==> flow/design.v <==
module cpu_cmp #(
    parameter integer WIDTH = 10
) (
    input wire sys_clk,
    input wire i_rst,
    input wire [WIDTH-1:0] first,
    input wire [WIDTH-1:0] second,
    output reg less,
    output reg is_eq,
    output reg gt
);
    reg [WIDTH-1:0] first_q;
    always @(posedge sys_clk) begin
        if (i_rst) begin
            first_q <= 0;
        end else begin
            first_q <= first;
        end
    end
    reg [WIDTH-1:0] second_q;
    always @(posedge sys_clk) begin
        if (i_rst) begin
            second_q <= 0;
        end else begin
            second_q <= second;
        end
    end
    always @(posedge sys_clk) begin
        if (i_rst) begin
            less <= 1'b0;
        end else begin
            less <= (first_q < second_q);
        end
    end
    always @(posedge sys_clk) begin
        if (i_rst) begin
            is_eq <= 1'b0;
        end else begin
            is_eq <= (first_q == second_q);
        end
    end
    always @(posedge sys_clk) begin
        if (i_rst) begin
            gt <= 1'b0;
        end else begin
            gt <= (first_q > second_q);
        end
    end
endmodule
Tool chain data of cpu_cmp
Tool output for the design above, in the order of the flow.
Line numbers count from 1 in the design file above.
Library cell names are shortened.
{"block": "design", "top": "cpu_cmp", "clock": "sys_clk", "library": "sky130hd", "lib_corner": "tt_025C_1v80"}

Word level
Counts by Yosys on the flattened word-level netlist (proc, flatten, opt, wreduce; memories kept). Register bits leave out memories and registers merged into their read ports (data or address); mux counts leave out enables and synchronous resets folded into registers. Print and check cells are left out. Cells with the same type and inputs are merged into one.
{"block": "bits", "regBits": 23, "latch_bits": 0, "mem_bits_rw": 0, "mem_bits_ro": 0, "clocked_rd_ports_x_width": 0, "mem_count": 0, "input_bits": 22, "out_inout_bits": 3, "wordCells": 8}
{"block": "classes", "n_addsub": 0, "mul": 0, "div": 0, "compare": 2, "equal": 1, "shift": 0, "n_mux": 0, "logic": 0, "reduce_and_logical": 0}
{"block": "ops", "cell": "10-bit greater-than comparator", "count": 1}
{"block": "ops", "cell": "10-bit < comparator", "count": 1}
{"block": "ops", "cell": "10-bit equality test", "count": 1}

Longest topological paths
Yosys ltp: most cells in a row. Word level: on the elaborated netlist, between registers, memories and ports. Mapped: between sequential cells and ports; inverters and the memories' decode and read muxes count.
{"block": "depth", "word_depth": 1, "abc_area": 1, "ltp_mapped": 9}

Synthesis result
The flow's flattened synthesis, as Yosys stat reports it; memories are mapped. The netlist is that of the ABC_AREA named above (0 if unset); the other value can give another one.
{"block": "types", "cell_type": "dfxtp_1", "count": 23, "area_total_um2": 460.442}
{"block": "types", "cell_type": "inv_1", "count": 39, "area_total_um2": 146.39}
{"block": "types", "cell_type": "ha_1", "count": 10, "area_total_um2": 125.12}
{"block": "types", "cell_type": "nor2_1", "count": 24, "area_total_um2": 90.086}
{"block": "types", "cell_type": "nand2_1", "count": 15, "area_total_um2": 56.304}
{"block": "types", "cell_type": "a21oi_2", "count": 2, "area_total_um2": 17.517}
{"block": "types", "cell_type": "nand2_2", "count": 2, "area_total_um2": 12.512}
{"block": "types", "cell_type": "nor2_4", "count": 1, "area_total_um2": 11.261}
{"block": "types", "cell_type": "buf_2", "count": 2, "area_total_um2": 10.01}
{"block": "types", "cell_type": "nand3_1", "count": 2, "area_total_um2": 10.01}
{"block": "types", "cell_type": "nand4_1", "count": 1, "area_total_um2": 6.256}
{"block": "types", "cell_type": "nor2_2", "count": 1, "area_total_um2": 6.256}
{"block": "types", "cell_type": "a21oi_1", "count": 1, "area_total_um2": 5.005}
{"block": "mapped", "mapped_cells": 123, "yosys_area_um2": 957.2, "seq_area_um2": 460.4, "ffs": 23}

Worst setup path after synthesis
OpenSTA on the mapped netlist: ideal clock, no wires. The path of least setup slack (recovery checks aside). Input and output delay are each 20% of the period. Register names are those of the netlist, which keeps one name where synthesis merged equal registers.
{"block": "synth_path", "path_kind": "register to register", "startpoint": "reg second_q[9]", "endpoint": "reg gt", "period_ps": 1740, "setup_time_ps": 111, "arrival_ps": 1071, "required_ps": 1629, "setup_slack_ps": 558, "path_delay_ps": 1182, "stages": 9, "n_path_buf": 0, "period_less_setup_slack_ps": 1182}
"path_delay_ps" is the arrival time less input delay plus setup time.
"stages" counts driving pins, that of a launching flip-flop among them; a cell with two outputs on the path counts twice.
"period_less_setup_slack_ps" is the clock period less the worst setup slack; recovery checks do not enter. This is arithmetic on one report: input and output delays are still those of the set period (20% each).
The rows between start and end are the longest chain of elaborated cells between them; the timing report does not say that the signal goes this way. Where chains are equally long, one stands for them.
Each line given opens the expression or statement behind the cell; cells for indexed reads and writes are added by Yosys, which also makes memories of some case tables.
{"block": "synth_via", "path_cell_list": "dfxtp_1 inv_1 ha_1 nand2_2 inv_1 a21oi_1 nand2_1 nor2_1 nor2_1", "elab_chain_cells": 1}
{"block": "synth_lines", "item": "from (decl)", "line_no": 20, "source": "reg [WIDTH-1:0] second_q;"}
{"block": "synth_lines", "item": "from (assign)", "line_no": 23, "source": "second_q <= 0;"}
{"block": "synth_lines", "item": "from (assign)", "line_no": 25, "source": "second_q <= second;"}
{"block": "synth_lines", "item": "10-bit greater-than comparator", "line_no": 46, "source": "gt <= (first_q > second_q);"}
{"block": "synth_lines", "item": "to (assign)", "line_no": 44, "source": "gt <= 1'b0;"}
{"block": "synth_lines", "item": "to (assign)", "line_no": 46}
{"block": "synth_lines", "item": "to (decl)", "line_no": 10, "source": "output reg gt"}

Path in the finished layout
From the final timing report of entry B: the path of least setup slack in the routed layout; clock arrival at registers is part of the times.
The path's times are printed in steps of 10 ps; the period is the one set.
{"block": "layout_path", "path_kind": "register to register", "startpoint": "reg second_q[7]", "endpoint": "reg gt", "period_ps": 1190, "setup_time_ps": 90, "arrival_ps": 1440, "required_ps": 1410, "setup_slack_ps": -40, "stages": 8, "n_path_buf": 0}
The rows between start and end are the longest chain of elaborated cells between them; the timing report does not say that the signal goes this way. Where chains are equally long, one stands for them.
{"block": "layout_via", "path_cell_list": "dfxtp_2 inv_2 ha_4 nand2_4 nor2_4 nand4_1 nand2_1 nor2_1", "elab_chain_cells": 1}
{"block": "layout_lines", "item": "from (decl)", "line_no": 20, "source": "reg [WIDTH-1:0] second_q;"}
{"block": "layout_lines", "item": "from (assign)", "line_no": 23, "source": "second_q <= 0;"}
{"block": "layout_lines", "item": "from (assign)", "line_no": 25, "source": "second_q <= second;"}
{"block": "layout_lines", "item": "10-bit greater-than comparator", "line_no": 46, "source": "gt <= (first_q > second_q);"}
{"block": "layout_lines", "item": "to (assign)", "line_no": 44, "source": "gt <= 1'b0;"}
{"block": "layout_lines", "item": "to (assign)", "line_no": 46}
{"block": "layout_lines", "item": "to (decl)", "line_no": 10, "source": "output reg gt"}

FLOW RESULTS
============

Module cpu_cmp, platform sky130hd: 3 stored runs of the flow (Yosys, OpenROAD) with differing settings, in no particular order. Input and output delays are each 20% of the period that was set; the output load is 0.01 pF.
By "achievedPeriod_ps" is meant the clock period of the run minus its worst setup slack. This is arithmetic on one report: input and output delays are still those of the set period (20% each).
"worst_path_time_ps" means the part of the period allowed to the worst setup path (the constraints hold back 20% at inputs and 20% at outputs) less its slack; where the path has registers, the arrival times of their clocks count too.
"total_power_w" rests on the timing tool's default activity at the inputs, not on a simulated workload.
"worst_path_time_ps" is known to 10 ps.

{"run": "entry A", "settings": { "period_ns": 0.882, "CORE_UTILIZATION": 66, "SETUP_SLACK_MARGIN": -0.08, "HOLD_SLACK_MARGIN": 0.02, "CORE_ASPECT_RATIO": 1.45, "ABC_AREA": 1, "CTS_CLUSTER_DIAMETER": 41, "MIN_ROUTING_LAYER": "met2", "CAP_MARGIN": 20, "CORE_MARGIN": 2, "SLEW_MARGIN": 20 }, "outcome": "unfinished; error DPL-0033 in clock tree synthesis"}
{"run": "entry B", "settings": { "period_ns": 1.19, "CORE_UTILIZATION": 42, "SETUP_SLACK_MARGIN": 0.29, "PLACE_DENSITY_LB_ADDON": 0.03, "CORE_ASPECT_RATIO": 0.71, "CELL_PAD_IN_SITES_DETAIL_PLACEMENT": 0, "TNS_END_PERCENT": 50, "ABC_AREA": 1, "GPL_TIMING_DRIVEN": 1, "CTS_CLUSTER_SIZE": 79, "SLEW_MARGIN": 0, "CAP_MARGIN": 20, "CORE_MARGIN": 2 }, "results": { "yosys.chip_area_um2": 957.2, "timing.setup.tns_ps": -36, "stdcell_area_um2": 1397.6, "worst_hold_slack_ps": 434, "finish.utilization_pct": 65.4, "design_die_area_um2": 2682.5, "total_power_w": 0.001497, "setup_worst_slack_ps": -36, "achievedPeriod_ps": 1226, "worst_path_time_ps": 1230, "worst_setup_path_type": "register to register" }}
{"run": "entry C", "settings": { "period_ns": 1.74, "CAP_MARGIN": 20, "CORE_MARGIN": 2, "CORE_UTILIZATION": 40, "SLEW_MARGIN": 20 }, "results": { "yosys.chip_area_um2": 878.3, "timing.setup.tns_ps": 0, "stdcell_area_um2": 1178.6, "worst_hold_slack_ps": 587, "finish.utilization_pct": 58.3, "design_die_area_um2": 2586.7, "total_power_w": 0.0009425, "setup_worst_slack_ps": 240, "achievedPeriod_ps": 1500, "worst_path_time_ps": 1150, "worst_setup_path_type": "register to output" }}
